==> flow/design.v <==
module cpu_sel_unit_mod #(
    parameter NBITS = 10
) (
    input wire aclk,
    input wire rst_ni,
    input wire [NBITS-1:0] i_src0,
    input wire [NBITS-1:0] i_src1,
    input wire [NBITS-1:0] i_src2,
    input wire [NBITS-1:0] i_src3,
    input wire [NBITS-1:0] i_src4,
    input wire [NBITS-1:0] i_src5,
    input wire [NBITS-1:0] i_src6,
    input wire [NBITS-1:0] i_src7,
    input wire [6:0] i_s,
    output reg [NBITS-1:0] o_o
);
    reg [NBITS-1:0] work;
    always @(*) begin
        casez (i_s)
            7'b??????1: work = i_src0;
            7'b?????10: work = i_src1;
            7'b????100: work = i_src2;
            7'b???1000: work = i_src3;
            7'b??10000: work = i_src4;
            7'b?100000: work = i_src5;
            7'b1000000: work = i_src6;
            default: work = i_src7;
        endcase
    end
    always @(posedge aclk or negedge rst_ni) begin
        if (!rst_ni) begin
            o_o <= 0;
        end else begin
            o_o <= work;
        end
    end
endmodule
### Step by step through the tools: cpu_sel_unit_mod

What the tools print for cpu_sel_unit_mod, step after step.
Line numbers count from 1 in the design file above.
Operators: Yosys type, input widths -> output width; for muxes data width and select width s.
Library cell names are shortened.
Not given: n/a

| set-up | value |
|---|---|
| design top | cpu_sel_unit_mod |
| clock input | aclk |
| library | sky130hd |
| timing corner | tt_025C_1v80 |

### After elaboration

Source: Yosys, flattened and elaborated, memories not mapped. Widths are those after wreduce; folded enables and synchronous resets count as part of the registers. Registers that Yosys merges into a memory's read port (data or address) are not register bits. Print and check cells do not count. Equal cells are merged and count once.

| word-level totals | value |
|---|---|
| bits in registers | 10 |
| output and inout port bits | 10 |
| elaborated cells | 8 |

| cells by class | value |
|---|---|
| equal/unequal tests | 6 |
| muxes and demuxes | 1 |

Operators by type and width:

| kind | count |
|---|---|
| $pmux 10 s7 | 1 |
| $eq 7x7->1 const B | 1 |
| $eq 6x6->1 const B | 1 |
| $eq 5x5->1 const B | 1 |
| $eq 4x4->1 const B | 1 |
| $eq 3x3->1 const B | 1 |
| $eq 2x2->1 const B | 1 |

### Longest topological paths

Longest topological path by Yosys (ltp), each cell counted once; first at word level (registers and memories cut), then after technology mapping (sequential cells cut; the memories' decode and read muxes count).

| logic depth | value |
|---|---|
| depth after elaboration | 2 |
| ABC_AREA | 0 |
| mapped depth | 4 |

### Mapped cells and area

Source: synth_stat.txt of the flow (Yosys; design flattened, memories mapped). It holds for the ABC_AREA given above (unset counts as 0); a run with the other value may have another netlist.
Totals and module areas in this step are rounded.

| mapped netlist | value |
|---|---|
| standard cells after synthesis | 116 |
| chip area (Yosys) | 968 µm² |
| sequential area | 250 µm² |
| flip-flop cells | 10 |
| buffer cells | 10 |

Cells by type:

| type | count |
|---|---|
| dfrtp_1 | 10 |
| nor2b_1 | 21 |
| a32o_1 | 10 |
| o32a_1 | 10 |
| a2111oi_0 | 10 |
| nand3b_1 | 10 |
| a31oi_1 | 10 |
| inv_1 | 11 |
| nand2_1 | 10 |
| clkbuf_1 | 7 |
| nor4b_2 | 1 |
| or4_1 | 2 |
| nor4_2 | 1 |
| buf_2 | 2 |
| buf_1 | 1 |

### Timing after synthesis

Source: OpenSTA report_checks on the synthesized netlist (no wires, ideal clock, input and output delay 20% of the period each), path of least setup slack; recovery checks are left aside. Register names are those of the netlist, which keeps one name where synthesis merged equal registers.

| timing path post-synthesis | value |
|---|---|
| path kind | input-to-reg |
| start point | in i_s[2] |
| end point | reg o_o[0] |
| period | 2120 ps |
| input delay | 424 ps |
| launch time at the first pin | 424 ps |
| data arrival time | 1658 ps |
| required time | 1994 ps |
| slack | 336 ps |
| delay of the path | 1360 ps |
| driving pins on the path | 4 |
| buffers on the path | 1 |
| synthesis period reached | 1784 ps |

"delay of the path" = arrival - input delay + setup time.
"driving pins on the path" counts driving pins, that of a launching flip-flop among them; a cell with two outputs on the path counts twice.
"synthesis period reached" = period - worst setup slack (recovery checks aside). The figure is calculated, with input and output delays left at 20% of the set period.
The rows between start and end are the longest chain of elaborated cells between them; the timing report does not say that the signal goes this way. Where chains are equally long, one stands for them.
A line is the first line of the expression or statement that the cell stems from. Yosys adds cells for indexed reads and writes and turns some case tables into memories.

| on the way, post-synthesis | value |
|---|---|
| cells stage by stage | or4_1 > or4_1 > buf_2 > o32a_1 |
| cells in the longest elaborated chain | 2 |

Ends and longest elaborated chain, post-synthesis:

| element | RTL line | RTL |
|---|---|---|
| start, declared | 14 | `input wire [6:0] i_s,` |
| $eq 7x7->1 | 19 | `casez (i_s)` |
| $pmux 10 s7 | 19 |  |
| end, assigned | 32 | `o_o <= 0;` |
| end, assigned | 34 | `o_o <= work;` |
| end, declared | 15 | `output reg [NBITS-1:0] o_o` |

### Timing after layout

From the final timing report of run B: the path of least setup slack in the routed layout; clock arrival at registers is part of the times.
The report prints the path's times to 10 ps; the period is as set.

| timing path after layout | value |
|---|---|
| path kind | input-to-reg |
| start point | in i_s[2] |
| end point | reg o_o[3] |
| period | 2120 ps |
| input delay | 420 ps |
| launch time at the first pin | 420 ps |
| data arrival time | 2230 ps |
| required time | 2260 ps |
| slack | 30 ps |
| driving pins on the path | 5 |
| buffers on the path | 2 |

The rows between start and end are the longest chain of elaborated cells between them; the timing report does not say that the signal goes this way. Where chains are equally long, one stands for them.

| on the way, after layout | value |
|---|---|
| cells stage by stage | clkdlybuf4s50_1 > or4_1 > or4_1 > buf_4 > o32a_1 |
| cells in the longest elaborated chain | 2 |

Ends and longest elaborated chain, after layout:

| element | RTL line | RTL |
|---|---|---|
| start, declared | 14 | `input wire [6:0] i_s,` |
| $eq 7x7->1 | 19 | `casez (i_s)` |
| $pmux 10 s7 | 19 |  |
| end, assigned | 32 | `o_o <= 0;` |
| end, assigned | 34 | `o_o <= work;` |
| end, declared | 15 | `output reg [NBITS-1:0] o_o` |

==> results <==
3 stored runs of cpu_sel_unit_mod in the flow (synthesis by Yosys, layout by OpenROAD, sky130hd cells), in arbitrary order. Constraints: input delay and output delay 20% of the set period each, output load 0.01 pF.
"period reached" is the run's clock period less its worst setup slack. It is reckoned from that one timing run; input and output delays stay at 20% of the period that was set.
"critical setup path time" = time allowed to the worst setup path (clock period - input delay - output delay, where it has them) - its slack; a late launch clock adds to it, a late capture clock takes from it.
By "total power after layout" is meant OpenSTA's value without simulated activity: inputs other than the clock are taken to toggle once in ten clock periods, and the tool carries that through the logic.
"critical setup path time" is given in steps of 10 ps.
Measured values are rounded.

## Run A

==> flow/run.sh <==
#!/bin/bash
# the make line also repeats the synthesis and layout settings of config.mk as NAME=value (left out here)
make -C /OpenROAD-flow-scripts/flow DESIGN_CONFIG=/design/flow/config.mk WORK_HOME=/design/flow/orfs CLKGATE_MAP_FILE= finish
==> flow/config.mk <==
export PLATFORM = sky130hd
export DESIGN_NAME = cpu_sel_unit_mod
export DESIGN_NICKNAME = cpu_sel_unit_mod
export VERILOG_FILES = /design/flow/design.v
export SDC_FILE = /design/flow/constraint.sdc
export NUM_CORES = 4
export LEC_CHECK = 0
export CAP_MARGIN = 20
export CORE_MARGIN = 2
export CORE_UTILIZATION = 63
export MIN_ROUTING_LAYER = met1
export PLACE_DENSITY_LB_ADDON = 0.12
export SLEW_MARGIN = 20
==> flow/constraint.sdc <==
create_clock -name core_clock -period 1.88 [get_ports {aclk}]
set_input_delay 0.3760 -clock core_clock [delete_from_list [all_inputs] [get_ports {aclk}]]
set_output_delay 0.3760 -clock core_clock [all_outputs]
set_load 0.01 [all_outputs]

Run A: unfinished; error FLW-0024 in placement

## Run B

==> flow/run.sh <==
#!/bin/bash
# the make line also repeats the synthesis and layout settings of config.mk as NAME=value (left out here)
make -C /OpenROAD-flow-scripts/flow DESIGN_CONFIG=/design/flow/config.mk WORK_HOME=/design/flow/orfs CLKGATE_MAP_FILE= finish
==> flow/config.mk <==
export PLATFORM = sky130hd
export DESIGN_NAME = cpu_sel_unit_mod
export DESIGN_NICKNAME = cpu_sel_unit_mod
export VERILOG_FILES = /design/flow/design.v
export SDC_FILE = /design/flow/constraint.sdc
export NUM_CORES = 4
export LEC_CHECK = 0
export CAP_MARGIN = 20
export CORE_MARGIN = 2
export CORE_UTILIZATION = 40
export SLEW_MARGIN = 20
==> flow/constraint.sdc <==
create_clock -name core_clock -period 2.12 [get_ports {aclk}]
set_input_delay 0.4240 -clock core_clock [delete_from_list [all_inputs] [get_ports {aclk}]]
set_output_delay 0.4240 -clock core_clock [all_outputs]
set_load 0.01 [all_outputs]

| result of run B | value |
|---|---|
| chip area after synthesis (Yosys) | 968 µm² |
| full die area | 2830 µm² |
| standard-cell area after layout | 2110 µm² |
| post-route utilization | 93.5 % |
| setup slack of the worst path | 27 ps |
| total negative setup slack | 0 ps |
| total power after layout | 753 uW |
| period reached | 2093 ps |
| critical setup path time | 1670 ps |
| critical path kind | input-to-reg |

## Run C

==> flow/run.sh <==
#!/bin/bash
# the make line also repeats the synthesis and layout settings of config.mk as NAME=value (left out here)
make -C /OpenROAD-flow-scripts/flow DESIGN_CONFIG=/design/flow/config.mk WORK_HOME=/design/flow/orfs CLKGATE_MAP_FILE= finish
==> flow/config.mk <==
export PLATFORM = sky130hd
export DESIGN_NAME = cpu_sel_unit_mod
export DESIGN_NICKNAME = cpu_sel_unit_mod
export VERILOG_FILES = /design/flow/design.v
export SDC_FILE = /design/flow/constraint.sdc
export NUM_CORES = 4
export LEC_CHECK = 0
export ABC_AREA = 0
export CAP_MARGIN = 10
export CELL_PAD_IN_SITES_DETAIL_PLACEMENT = 2
export CORE_MARGIN = 9
export CORE_UTILIZATION = 21
export HOLD_SLACK_MARGIN = 0.05
export MIN_ROUTING_LAYER = met2
export PLACE_DENSITY_LB_ADDON = 0.0
export SETUP_SLACK_MARGIN = 0.09
export SLEW_MARGIN = 20
==> flow/constraint.sdc <==
create_clock -name core_clock -period 1.2 [get_ports {aclk}]
set_input_delay 0.2400 -clock core_clock [delete_from_list [all_inputs] [get_ports {aclk}]]
set_output_delay 0.2400 -clock core_clock [all_outputs]
set_load 0.01 [all_outputs]

| result of run C | value |
|---|---|
| chip area after synthesis (Yosys) | 968 µm² |
| full die area | 7380 µm² |
| standard-cell area after layout | 2300 µm² |
| post-route utilization | 52.1 % |
| setup slack of the worst path | -360 ps |
| total negative setup slack | -3410 ps |
| total power after layout | 1490 uW |
| period reached | 1560 ps |
| critical setup path time | 1320 ps |
| critical path kind | input-to-reg |
